==> flow/design.v <==
module my_cmp_unit_stage #(
  parameter W = 72
) (
  input  logic CLK,
  input  logic rst,
  input  logic [W-1:0] lhs_in,
  input  logic [W-1:0] rhs_in,
  input  logic [W-1:0] extra_in,
  output logic between_out
);
  logic between_s;
  always_ff @(posedge CLK or posedge rst) begin
    if (rst) begin
      between_s <= 1'b0;
    end else begin
      between_s <= (lhs_in >= rhs_in) && (lhs_in <= extra_in);
    end
  end
  assign between_out = between_s;
endmodule
Reports on my_cmp_unit_stage
Tool output for the design above, in the order of the flow.
Line numbers count from 1 in the design file above.
Cell names lack the library's common part.
Not given: n/a

inputs
  top = my_cmp_unit_stage
  clock input = CLK
  library = sky130hd
  timing corner = tt_025C_1v80

Word level
Source: Yosys, flattened and elaborated, memories not mapped. Widths are those after wreduce; folded enables and synchronous resets count as part of the registers. Registers that Yosys merges into a memory's read port (data or address) are not register bits. Print and check cells do not count. Equal cells are merged and count once.

storage and ports
  register bits = 1
  input bits = 218
  word-level cells = 4

cells by class
  $lt $le $gt $ge = 2
  reduce/logical cells = 1

operators by type and width
  operator                            count
  greater-or-equal comparator 72 bit  1
  <= comparator 72 bit                1
  logical AND 1 bit                   1

Longest topological paths
Depth = most cells in a row (Yosys ltp): at word level without a register or memory, in the mapped netlist without a sequential cell, where the memories' decode and read muxes count.

depth
  word-level depth = 2
  ABC_AREA = 0
  mapped depth = 9
  depth with buffers taken out = 9

Synthesis result
The flow's flattened synthesis, as Yosys stat reports it; memories are mapped. The netlist is that of the ABC_AREA named above (0 if unset); the other value can give another one.

synthesis totals
  mapped cells = 514
  mapped area = 3,628.5 um^2
  flip-flop cells = 1
  buffer cells = 0

cells by type
  cell type  count  area in all (um^2)
  ha_1       144    1.8E+03
  inv_1      146    548.026
  a21oi_1    53     265.254
  nand2_1    36     135.13
  nand4_1    21     131.376
  o21ai_0    19     95.091
  nand3_1    18     90.086
  a21o_1     10     75.072
  nor2_1     17     63.811
  a221oi_1   7      61.309
  and4_1     5      43.792
  nor4_1     5      31.28
  dfrtp_1    1      25.024
  a221o_1    2      20.019
  a211o_1    2      17.517
  a2111oi_2  1      15.014
  a211oi_1   2      15.014
  a221oi_2   1      15.014

Other cell types: 18; their cells: 24.

Timing after synthesis
OpenSTA on the mapped netlist: ideal clock, no wires. The path of least setup slack (recovery checks aside). Input and output delay are each 20% of the period. Register names are those of the netlist, which keeps one name where synthesis merged equal registers.

timing post-synthesis
  kind = in2reg
  from = in extra_in[1]
  to = reg between_s
  period = 2,430 ps
  input delay = 486 ps
  setup time = 77 ps
  time at the first pin = 486 ps
  arrival = 1,966 ps
  data required time = 2,353 ps
  setup slack = 387 ps
  delay of the path = 1,557 ps
  stages = 9
  period reached after synthesis = 2,043 ps

"delay of the path" = arrival - input delay + setup time.
"stages": output pins that drive a net of the path, with the launching flip-flop's if there is one; two outputs of one cell count as two.
"period reached after synthesis" is the clock period less the worst setup slack; recovery checks do not enter. This is arithmetic on one report: input and output delays are still those of the set period (20% each).
The rows between start and end are the longest chain of elaborated cells between them; the timing report does not say that the signal goes this way. Where chains are equally long, one stands for them.
A line is the first line of the expression or statement that the cell stems from. Yosys adds cells for indexed reads and writes and turns some case tables into memories.

between the ends, post-synthesis
  path through = inv_1 -> ha_1 -> nor2b_4 -> o211ai_2 -> a21oi_1 -> a211o_1 -> a2111oi_2 -> o2111ai_1 -> a21oi_1
  length of the longest elaborated chain = 2

RTL lines, path post-synthesis
  element               line  source
  from (decl)           8     input  logic [W-1:0] extra_in,
  <= comparator 72 bit  16    between_s <= (lhs_in >= rhs_in) && (lhs_in <= extra_in);
  logical AND 1 bit     16
  to (assign)           14    between_s <= 1'b0;
  to (assign)           16
  to (decl)             11    logic between_s;

Timing after layout
From the final timing report of stored run 1: the path of least setup slack in the routed layout; clock arrival at registers is part of the times.
The report prints the path's times to 10 ps; the period is as set.

timing post-layout
  kind = in2reg
  from = in rhs_in[59]
  to = reg between_s
  period = 2,430 ps
  input delay = 490 ps
  setup time = 80 ps
  time at the first pin = 490 ps
  arrival = 2,490 ps
  data required time = 2,350 ps
  setup slack = -140 ps
  stages = 11

The rows between start and end are the longest chain of elaborated cells between them; the timing report does not say that the signal goes this way. Where chains are equally long, one stands for them.

between the ends, post-layout
  path through = clkdlybuf4s50_1 -> inv_1 -> ha_4 -> nand3_2 -> nor3_2 -> a221oi_2 -> buf_4 -> nand3_1 -> a31oi_1 -> a21o_1 -> a21oi_2
  length of the longest elaborated chain = 2

RTL lines, path post-layout
  element                             line  source
  from (decl)                         7     input  logic [W-1:0] rhs_in,
  greater-or-equal comparator 72 bit  16    between_s <= (lhs_in >= rhs_in) && (lhs_in <= extra_in);
  logical AND 1 bit                   16
  to (assign)                         14    between_s <= 1'b0;
  to (assign)                         16
  to (decl)                           11    logic between_s;

==> runs of my_cmp_unit_stage <==
Below are 3 stored runs of the flow (Yosys, OpenROAD; platform sky130hd) on my_cmp_unit_stage, each with its settings and what was measured, unordered. Constraints: input delay and output delay 20% of the set period each, output load 0.01 pF.
By "achieved clock period" is meant the clock period of the run minus its worst setup slack. This is arithmetic on one report: input and output delays are still those of the set period (20% each).
"time of the worst setup path" means the part of the period allowed to the worst setup path (the constraints hold back 20% at inputs and 20% at outputs) less its slack; where the path has registers, the arrival times of their clocks count too.
"power": no workload was simulated; the value follows from the tool's default switching activity.
"time of the worst setup path" is known to 10 ps.
Settings: n/a = not set for that run.

item                                    stored run 1  stored run 2  stored run 3
period_ns                               2.43          1.97          1.33
CAP_MARGIN                              20            20            20
CORE_MARGIN                             2             2             2
CORE_UTILIZATION                        40            29            22
SLEW_MARGIN                             20            20            20
SETUP_SLACK_MARGIN                      n/a           0.45          n/a
PLACE_DENSITY                           n/a           0.84          n/a
CORE_ASPECT_RATIO                       n/a           1.98          0.76
CELL_PAD_IN_SITES_DETAIL_PLACEMENT      n/a           0             0
GPL_ROUTABILITY_DRIVEN                  n/a           1             n/a
CTS_CLUSTER_SIZE                        n/a           91            89
MIN_ROUTING_LAYER                       n/a           met1          n/a
PLACE_DENSITY_LB_ADDON                  n/a           n/a           0.3
CELL_PAD_IN_SITES_GLOBAL_PLACEMENT      n/a           n/a           0
TNS_END_PERCENT                         n/a           n/a           85
GPL_TIMING_DRIVEN                       n/a           n/a           0
MAX_ROUTING_LAYER                       n/a           n/a           met5
area of the synthesized netlist (um^2)  3,628.5       3,628.5       3,628.5
die footprint (um^2)                    9,848.6       13,475.7      17,546.5
standard-cell area after layout (um^2)  8,040.2       7,940.1       7,703.6
utilization (%)                         91.7          64.7          48.3
worst slack on setup checks (ps)        -138          -317          -722
total negative setup slack (ps)         -138          -317          -722
power (W)                               0.001461      0.001689      0.002348
achieved clock period (ps)              2,568         2,287         2,052
time of the worst setup path (ps)       2,080         1,890         1,790
critical path kind                      in2reg        in2reg        in2reg
